==> flow/design.v <==
module sync_sel_unit_stage #(
  parameter DATA_W = 32,
  parameter N = 4,
  parameter SW = $clog2(N)
) (
  input wire ck,
  input wire rst,
  input wire [N*DATA_W-1:0] in_src,
  input wire [SW-1:0] in_select,
  output wire [DATA_W-1:0] out_y
);
  reg [N*DATA_W-1:0] src_d1;
  reg [SW-1:0] select_d1;
  always @(posedge ck) begin
    if (rst) begin
      src_d1 <= 0;
      select_d1 <= 0;
    end else begin
      src_d1 <= in_src;
      select_d1 <= in_select;
    end
  end
  localparam LO_W = N / 2;
  reg [DATA_W-1:0] lsb_d1;
  reg [DATA_W-1:0] high_d1;
  reg select_d1_d;
  reg [DATA_W-1:0] y_d1;
  always @(posedge ck) begin
    if (rst) begin
      lsb_d1 <= 0;
      high_d1 <= 0;
      select_d1_d <= 1'b0;
      y_d1 <= 0;
    end else begin
      lsb_d1 <= src_d1[select_d1[SW-2:0]*DATA_W +: DATA_W];
      high_d1 <= src_d1[(LO_W + select_d1[SW-2:0])*DATA_W +: DATA_W];
      select_d1_d <= select_d1[SW-1];
      y_d1 <= select_d1_d ? high_d1 : lsb_d1;
    end
  end
  assign out_y = y_d1;
endmodule
Tool chain data of sync_sel_unit_stage
The steps from the RTL of sync_sel_unit_stage to its reports follow in flow order.
Lines are those of the file above, counted from 1.
Operators carry their Yosys type and port widths (W data, S select, Z words).
Cell names lack the library's common part.
{ "design": {"design": "sync_sel_unit_stage", "clock_port": "ck", "cell_library": "sky130hd", "lib_corner": "tt_025C_1v80"} }

After elaboration
Yosys after proc, flatten, opt, wreduce and memory -nomap, before mapping. Enables and synchronous resets that opt folds into registers are not counted as muxes. Memory bits, and registers merged into a memory's read port (data or address), are not among the register bits. Print and check cells are not counted. Equal cells are merged and count once.
{ "word_totals": {"reg_bits": 227, "input_bits": 132, "out_inout_bits": 32, "word_cells": 10} }
{ "op_classes": {"add_sub_neg": 1, "shift": 2, "muxes": 1} }
{ "ops": {"columns": ["op", "count"], "rows": [
  ["$shiftx A128 B7 Y32", 1],
  ["$shiftx A128 B9 Y32", 1],
  ["$mux W32", 1],
  ["$add A2 B1 Y3 const A", 1]
]} }

Longest topological paths
Longest topological path by Yosys (ltp), each cell counted once; first at word level (registers and memories cut), then after technology mapping (sequential cells cut; the memories' decode and read muxes count).
{ "depth": {"word_depth": 2, "abc_area": 0, "mapped_depth": 4, "depth_no_buf": 2} }

Synthesis result
The flow's flattened synthesis, as Yosys stat reports it; memories are mapped. The netlist is that of the ABC_AREA named above (0 if unset); the other value can give another one.
{ "synth_totals": {"cells": 586, "yosys_area_um2": 6955.4, "seq_area_um2": 4544.4, "flip_flops": 227, "buffers": 36} }
{ "by_type": {"columns": ["cell", "count", "area_total_um2"], "rows": [
  ["dfxtp_1", 227, 4.54E+03],
  ["mux2i_1", 96, 960.922],
  ["nor2b_1", 131, 819.536],
  ["nor2_1", 96, 360.346],
  ["buf_2", 18, 90.086],
  ["buf_8", 6, 90.086],
  ["buf_6", 5, 56.304],
  ["clkbuf_1", 5, 18.768],
  ["buf_4", 2, 15.014]
]} }

Path before layout
Path of least setup slack by OpenSTA after synthesis, without wires, with an ideal clock, recovery checks aside; 20% of the period is set as input and as output delay. Where synthesis merged equal registers, the netlist keeps one of their names.
{ "synth_path": {"path_kind": "register -> register", "startpoint": "register select_d1[0]", "endpoint": "register high_d1[10]", "clock_period_ps": 1220, "setup_time_ps": 128, "t_first_pin_ps": 0, "arrival_time_ps": 845, "t_required_ps": 1092, "slack_ps": 248, "path_delay_ps": 973, "stages": 5, "path_buffers": 2, "period_less_setup_slack_ps": 972} }
"path_delay_ps" = arrival - input delay + setup time.
"stages" counts driving pins, that of a launching flip-flop among them; a cell with two outputs on the path counts twice.
"period_less_setup_slack_ps" = period - worst setup slack (recovery checks aside). The figure is calculated, with input and output delays left at 20% of the set period.
Between the ends stands the longest chain of elaborated cells between them, by number of cells; it is not shown to be the way that was timed. Of several equally long chains one is given.
Each line given opens the expression or statement behind the cell; cells for indexed reads and writes are added by Yosys, which also makes memories of some case tables.
{ "synth_via": {"cell_sequence": "dfxtp_1 buf_6 buf_8 mux2i_1 nor2_1", "elab_chain_len": 2, "cone_cells": 2, "cone_lines": 1, "cone_classes": "add/sub: 1; shift: 1"} }
{ "synth_lines": {"columns": ["item", "line_no", "text"], "rows": [
  ["start: declaration", 13, "reg [SW-1:0] select_d1;"],
  ["start: assignment", 17, "select_d1 <= 0;"],
  ["start: assignment", 20, "select_d1 <= in_select;"],
  ["$add A2 B1 Y3", 36, "high_d1 <= src_d1[(LO_W + select_d1[SW-2:0])*DATA_W +: DATA_W];"],
  ["$shiftx A128 B9 Y32", 36, null],
  ["end: assignment", 31, "high_d1 <= 0;"],
  ["end: assignment", 36, null],
  ["end: declaration", 25, "reg [DATA_W-1:0] high_d1;"]
]} }

Worst path after layout
From the final timing report of run 1: the path of least setup slack in the routed layout; clock arrival at registers is part of the times.
The report prints the path's times to 10 ps; the period is as set.
{ "layout_path": {"path_kind": "register -> output", "startpoint": "register y_d1[31]", "endpoint": "output port out_y[31]", "clock_period_ps": 1150, "out_delay_ps": 230, "t_first_pin_ps": 490, "arrival_time_ps": 930, "t_required_ps": 920, "slack_ps": -10, "stages": 2, "path_buffers": 1} }
{ "layout_via": {"cell_sequence": "dfxtp_1 buf_2", "elab_chain_len": 0, "cone_cells": 0, "cone_lines": 0} }
{ "layout_lines": {"columns": ["item", "line_no", "text"], "rows": [
  ["start: declaration", 27, "reg [DATA_W-1:0] y_d1;"],
  ["start: assignment", 33, "y_d1 <= 0;"],
  ["start: assignment", 38, "y_d1 <= select_d1_d ? high_d1 : lsb_d1;"],
  ["end: declaration", 10, "output wire [DATA_W-1:0] out_y"]
]} }

## Implementation results

Below are 3 stored runs of the flow (Yosys, OpenROAD; platform sky130hd) on sync_sel_unit_stage, each with its settings and what was measured, unordered. Constraints: input delay and output delay 20% of the set period each, output load 0.01 pF.
By "clock period reached" is meant the clock period of the run minus its worst setup slack. This is arithmetic on one report: input and output delays are still those of the set period (20% each).
"allowed time less slack (worst setup path)" is the time allowed to the run's worst setup path (the clock period less input and output delay, where it has them) less its slack. Clock arrival times count: a late capture clock shortens it, a late launch clock lengthens it.
By "power" is meant OpenSTA's value without simulated activity: inputs other than the clock are taken to toggle once in ten clock periods, and the tool carries that through the logic.
"allowed time less slack (worst setup path)" is known to 10 ps.

==> run 1: settings <==
{ "period_ns": 1.15, "CORE_UTILIZATION": 46, "PLACE_DENSITY_LB_ADDON": 0.27, "HOLD_SLACK_MARGIN": 0.12, "CORE_ASPECT_RATIO": 1.03, "CELL_PAD_IN_SITES_DETAIL_PLACEMENT": 0, "GPL_TIMING_DRIVEN": 1, "SLEW_MARGIN": 40, "MIN_ROUTING_LAYER": "met2", "CAP_MARGIN": 20, "CORE_MARGIN": 2 }
==> run 1: results <==
post-layout utilization: 63.3 %
power: 16.213 mW
final worst hold slack: 180 ps
die outline area: 16120.0 µm²
allowed time less slack (worst setup path): 930 ps
worst path kind: register -> output
clock period reached: 1156 ps
worst setup slack after layout: -6 ps
chip area in the Yosys report: 6955.4 µm²
total negative slack on setup checks: -6 ps
standard-cell area after layout: 9337.7 µm²

==> run 2: settings <==
{ "period_ns": 1.22, "CAP_MARGIN": 20, "CORE_MARGIN": 2, "CORE_UTILIZATION": 40, "SLEW_MARGIN": 20 }
==> run 2: results <==
post-layout utilization: 55.3 %
power: 16.517 mW
final worst hold slack: 51 ps
die outline area: 18459.3 µm²
allowed time less slack (worst setup path): 940 ps
worst path kind: register -> output
clock period reached: 1187 ps
worst setup slack after layout: 33 ps
chip area in the Yosys report: 6955.4 µm²
total negative slack on setup checks: 0 ps
standard-cell area after layout: 9497.9 µm²

==> run 3: settings <==
{ "period_ns": 1.37, "CORE_UTILIZATION": 27, "SETUP_SLACK_MARGIN": -0.06, "PLACE_DENSITY": 0.46, "CORE_ASPECT_RATIO": 1.24, "CORE_MARGIN": 5, "GPL_TIMING_DRIVEN": 1, "GPL_ROUTABILITY_DRIVEN": 0, "SLEW_MARGIN": 10, "CAP_MARGIN": 20 }
==> run 3: results <==
post-layout utilization: 38.7 %
power: 15.267 mW
final worst hold slack: 128 ps
die outline area: 29089.1 µm²
allowed time less slack (worst setup path): 1100 ps
worst path kind: register -> output
clock period reached: 1377 ps
worst setup slack after layout: -7 ps
chip area in the Yosys report: 6955.4 µm²
total negative slack on setup checks: -13 ps
standard-cell area after layout: 9862.0 µm²
